==> flow/design.v <==
module my_shifter #(
  parameter DATA_WIDTH = 8,
  parameter LOGN = $clog2(DATA_WIDTH)
) (
  input  wire clk,
  input  wire i_rst_n,
  input  wire enable,
  input  wire [DATA_WIDTH-1:0] bus,
  input  wire [LOGN-1:0] n,
  input  wire [1:0] fn,
  output reg [DATA_WIDTH-1:0] data_out
);
  reg [DATA_WIDTH-1:0] bus_d1;
  reg [LOGN-1:0] n_d1;
  reg [1:0] fn_d1;
  always @(posedge clk or negedge i_rst_n) begin
    if (~i_rst_n) begin
      bus_d1 <= 0;
      n_d1 <= 0;
      fn_d1 <= 0;
    end else if (enable) begin
      bus_d1 <= bus;
      n_d1 <= n;
      fn_d1 <= fn;
    end
  end
  reg [DATA_WIDTH-1:0] tmp;
  always @(*) begin
    case (fn_d1)
      2'b00: tmp = bus_d1 << n_d1;
      2'b01: tmp = bus_d1 >> n_d1;
      2'b10: tmp = $signed(bus_d1) >>> n_d1;
      default: tmp = bus_d1;
    endcase
  end
  always @(posedge clk or negedge i_rst_n) begin
    if (~i_rst_n) begin
      data_out <= 0;
    end else if (enable) begin
      data_out <= tmp;
    end
  end
endmodule
**Tool chain data of my_shifter**

What the tools print for my_shifter, step after step.
Line numbers count from 1 in the design file above.
Operators carry their Yosys type and port widths (W data, S select, Z words).
Library cell names are shortened.
The mark -- stands for no value.

- Top module: my_shifter
- Clock port: clk
- Standard-cell library: sky130hd
- Corner: tt_025C_1v80

**After elaboration**

Counts by Yosys on the flattened word-level netlist (proc, flatten, opt, wreduce; memories kept). Register bits leave out memories and registers merged into their read ports (data or address); mux counts leave out enables and synchronous resets folded into registers. Print and check cells are left out. Cells with the same type and inputs are merged into one.

- Reduce/logical cells: 1
- Shift-type cells: 3
- Mux-type cells: 1
- Eq/ne operators: 2

Operator list:

| operator | number |
|---|---|
| $pmux W8 S3 | 1 |
| $shl A8 B3 Y8 | 1 |
| $shr A8 B3 Y8 | 1 |
| $sshr A8 B3 Y8 | 1 |
| $eq A2 B1 Y1 const B | 1 |
| $eq A2 B2 Y1 const B | 1 |
| $logic_not A2 Y1 | 1 |

- Input bits: 16
- Bits in registers: 21

**Depth**

Depth = most cells in a row (Yosys ltp): at word level without a register or memory, in the mapped netlist without a sequential cell, where the memories' decode and read muxes count.

- Depth in word-level cells: 2
- ABC_AREA: 0
- Gate-level depth with buffers: 7
- Mapped depth without buffers: 5

**After synthesis**

Yosys stat after the flow's synthesis: flattened, memories mapped to cells. It holds for the ABC_AREA given above (unset counts as 0); a run with the other value may have another netlist.

- Flip-flop cells: 21
- Chip area (Yosys): 1617.8 um^2
- Sequential area: 525.5 um^2
- Cell count: 182

Cells by type:

| cell | number | area in all (um^2) |
|---|---|---|
| dfrtp_1 | 21 | 525.504 |
| mux2_2 | 12 | 135.13 |
| o21ai_0 | 21 | 105.101 |
| mux2i_1 | 8 | 80.077 |
| nand2_1 | 19 | 71.318 |
| buf_6 | 5 | 56.304 |
| a21oi_1 | 10 | 50.048 |
| clkbuf_8 | 3 | 41.29 |
| o221ai_1 | 4 | 35.034 |
| nor2_1 | 9 | 33.782 |
| nand3_1 | 6 | 30.029 |
| nor3_1 | 6 | 30.029 |
| o31ai_1 | 4 | 30.029 |
| a2111oi_4 | 1 | 27.526 |
| inv_1 | 7 | 26.275 |
| nor2b_1 | 4 | 25.024 |
| a211oi_1 | 3 | 22.522 |
| mux4_2 | 1 | 22.522 |

Not listed: further types 28, cells in them 38.

**Path before layout**

Path of least setup slack by OpenSTA after synthesis, without wires, with an ideal clock, recovery checks aside; 20% of the period is set as input and as output delay. Where synthesis merged equal registers, the netlist keeps one of their names.

- Path type: flip-flop to flip-flop
- Start point: register n_d1[1]
- End point: register data_out[5]
- Data required time: 1.795 ns
- Setup slack: 0.388 ns
- Arrival: 1.407 ns
- Buffers on the path: 2
- Delay of the path: 1.542 ns
- Launch time at the first pin: 0.000 ns
- Setup time: 0.135 ns
- Clock period: 1.93 ns
- Stages on the path: 8
- Synthesis period reached: 1.542 ns

"delay of the path" is the arrival time less input delay plus setup time.
"stages on the path": output pins that drive a net of the path, with the launching flip-flop's if there is one; two outputs of one cell count as two.
"synthesis period reached" = period - worst setup slack (recovery checks aside). The figure is calculated, with input and output delays left at 20% of the set period.
Between the ends stands the longest chain of elaborated cells between them, by number of cells; it is not shown to be the way that was timed. Of several equally long chains one is given.
Each line given opens the expression or statement behind the cell; cells for indexed reads and writes are added by Yosys, which also makes memories of some case tables.

- Path through: dfrtp_1 -> buf_6 -> buf_12 -> and2_4 -> nor3_1 -> a21oi_1 -> a2111oi_2 -> o22ai_1
- Cells in the longest elaborated chain: 2
- Elaborated cells between the ends (all ways): 4
- Those cells by class: shift (3); mux (1)

RTL lines, path after synthesis:

| what | RTL line | source |
|---|---|---|
| start, declared | 14 | `reg [LOGN-1:0] n_d1;` |
| start, assigned | 19 | `n_d1 <= 0;` |
| start, assigned | 23 | `n_d1 <= n;` |
| $sshr A8 B3 Y8 | 32 | `2'b10: tmp = $signed(bus_d1) >>> n_d1;` |
| $pmux W8 S3 | 29 | `case (fn_d1)` |
| end, assigned | 38 | `data_out <= 0;` |
| end, assigned | 40 | `data_out <= tmp;` |
| end, declared | 11 | `output reg [DATA_WIDTH-1:0] data_out` |

**Path in the finished layout**

From the final timing report of job 1: the path of least setup slack in the routed layout; clock arrival at registers is part of the times.

- Path type: flip-flop to flip-flop
- Start point: register fn_d1[1]
- End point: register data_out[2]
- Stages on the path: 6
- Setup time: 0.10 ns
- Launch time at the first pin: 0.28 ns
- Buffers on the path: 0
- Arrival: 1.93 ns
- Data required time: 2.11 ns
- Clock period: 1.93 ns
- Setup slack: 0.17 ns

Between the ends stands the longest chain of elaborated cells between them, by number of cells; it is not shown to be the way that was timed. Of several equally long chains one is given.

- Path through: dfrtp_1 -> mux2i_1 -> a2111oi_4 -> nor2_1 -> and3_1 -> o31ai_1
- Cells in the longest elaborated chain: 2
- Elaborated cells between the ends (all ways): 4
- Those cells by class: eq/ne (2); mux (1); reduce/logical (1)

RTL lines, path after layout:

| what | RTL line | source |
|---|---|---|
| start, declared | 15 | `reg [1:0] fn_d1;` |
| start, assigned | 20 | `fn_d1 <= 0;` |
| start, assigned | 24 | `fn_d1 <= fn;` |
| $eq A2 B2 Y1 | 29 | `case (fn_d1)` |
| $pmux W8 S3 | 29 |  |
| end, assigned | 38 | `data_out <= 0;` |
| end, assigned | 40 | `data_out <= tmp;` |
| end, declared | 11 | `output reg [DATA_WIDTH-1:0] data_out` |

Ticket comment

Measured data: module my_shifter, platform sky130hd, 3 stored runs of the flow under differing settings, order arbitrary. Input and output delays are each 20% of the period that was set; the output load is 0.01 pF.
"clock period achieved": clock period set for the run, less the worst setup slack. It is reckoned from that one timing run; input and output delays stay at 20% of the period that was set.
By "worst setup path time" is meant the share of the clock period that the worst setup path is allowed (20% is reserved at inputs, 20% at outputs), minus its slack. Clock arrival times at its registers enter into it.
"total design power": no workload was simulated; the value follows from the tool's default switching activity.

### Job 1

==> flow/run.sh <==
#!/bin/bash
# the make line also repeats the synthesis and layout settings of config.mk as NAME=value (left out here)
make -C /OpenROAD-flow-scripts/flow DESIGN_CONFIG=/design/flow/config.mk WORK_HOME=/design/flow/orfs CLKGATE_MAP_FILE= finish
==> flow/config.mk <==
export PLATFORM = sky130hd
export DESIGN_NAME = my_shifter
export DESIGN_NICKNAME = my_shifter
export VERILOG_FILES = /design/flow/design.v
export SDC_FILE = /design/flow/constraint.sdc
export NUM_CORES = 4
export LEC_CHECK = 0
export CAP_MARGIN = 20
export CORE_MARGIN = 2
export CORE_UTILIZATION = 40
export SLEW_MARGIN = 20
==> flow/constraint.sdc <==
create_clock -name core_clock -period 1.93 [get_ports {clk}]
set_input_delay 0.3860 -clock core_clock [delete_from_list [all_inputs] [get_ports {clk}]]
set_output_delay 0.3860 -clock core_clock [all_outputs]
set_load 0.01 [all_outputs]

Results of job 1:
- Netlist area reported by Yosys: 1617.8 um^2
- Total design power: 0.001409 W
- Worst setup path time: 1.76 ns
- Type of the worst setup path: flip-flop to flip-flop
- Clock period achieved: 1.756 ns
- Utilization: 0.48
- Standard-cell area after layout: 1891.8 um^2
- Total negative slack on setup checks: 0.000 ns
- Die outline area: 4569.1 um^2
- Setup slack of the worst path: 0.174 ns

### Job 2

==> flow/run.sh <==
#!/bin/bash
# the make line also repeats the synthesis and layout settings of config.mk as NAME=value (left out here)
make -C /OpenROAD-flow-scripts/flow DESIGN_CONFIG=/design/flow/config.mk WORK_HOME=/design/flow/orfs CLKGATE_MAP_FILE= finish
==> flow/config.mk <==
export PLATFORM = sky130hd
export DESIGN_NAME = my_shifter
export DESIGN_NICKNAME = my_shifter
export VERILOG_FILES = /design/flow/design.v
export SDC_FILE = /design/flow/constraint.sdc
export NUM_CORES = 4
export LEC_CHECK = 0
export CAP_MARGIN = 20
export CELL_PAD_IN_SITES_DETAIL_PLACEMENT = 1
export CORE_MARGIN = 2
export CORE_UTILIZATION = 26
export CTS_CLUSTER_DIAMETER = 259
export HOLD_SLACK_MARGIN = 0.13
export MAX_ROUTING_LAYER = met5
export MIN_ROUTING_LAYER = met2
export PLACE_DENSITY = 0.81
export SLEW_MARGIN = 40
==> flow/constraint.sdc <==
create_clock -name core_clock -period 2.35 [get_ports {clk}]
set_input_delay 0.4700 -clock core_clock [delete_from_list [all_inputs] [get_ports {clk}]]
set_output_delay 0.4700 -clock core_clock [all_outputs]
set_load 0.01 [all_outputs]

Results of job 2:
- Netlist area reported by Yosys: 1617.8 um^2
- Total design power: 0.001167 W
- Worst setup path time: 1.97 ns
- Type of the worst setup path: flip-flop to flip-flop
- Clock period achieved: 1.965 ns
- Utilization: 0.316
- Standard-cell area after layout: 1881.8 um^2
- Total negative slack on setup checks: 0.000 ns
- Die outline area: 6869.1 um^2
- Setup slack of the worst path: 0.385 ns

### Job 3

==> flow/run.sh <==
#!/bin/bash
# the make line also repeats the synthesis and layout settings of config.mk as NAME=value (left out here)
make -C /OpenROAD-flow-scripts/flow DESIGN_CONFIG=/design/flow/config.mk WORK_HOME=/design/flow/orfs CLKGATE_MAP_FILE= finish
==> flow/config.mk <==
export PLATFORM = sky130hd
export DESIGN_NAME = my_shifter
export DESIGN_NICKNAME = my_shifter
export VERILOG_FILES = /design/flow/design.v
export SDC_FILE = /design/flow/constraint.sdc
export NUM_CORES = 4
export LEC_CHECK = 0
export CAP_MARGIN = 20
export CELL_PAD_IN_SITES_DETAIL_PLACEMENT = 1
export CORE_ASPECT_RATIO = 1.81
export CORE_MARGIN = 9
export CORE_UTILIZATION = 63
export CTS_CLUSTER_DIAMETER = 326
export CTS_CLUSTER_SIZE = 73
export GPL_ROUTABILITY_DRIVEN = 1
export GPL_TIMING_DRIVEN = 0
export PLACE_DENSITY_LB_ADDON = 0.12
export SLEW_MARGIN = 20
export TNS_END_PERCENT = 5
==> flow/constraint.sdc <==
create_clock -name core_clock -period 1.9 [get_ports {clk}]
set_input_delay 0.3800 -clock core_clock [delete_from_list [all_inputs] [get_ports {clk}]]
set_output_delay 0.3800 -clock core_clock [all_outputs]
set_load 0.01 [all_outputs]

Outcome of job 3: incomplete, placement halted on DPL-0033
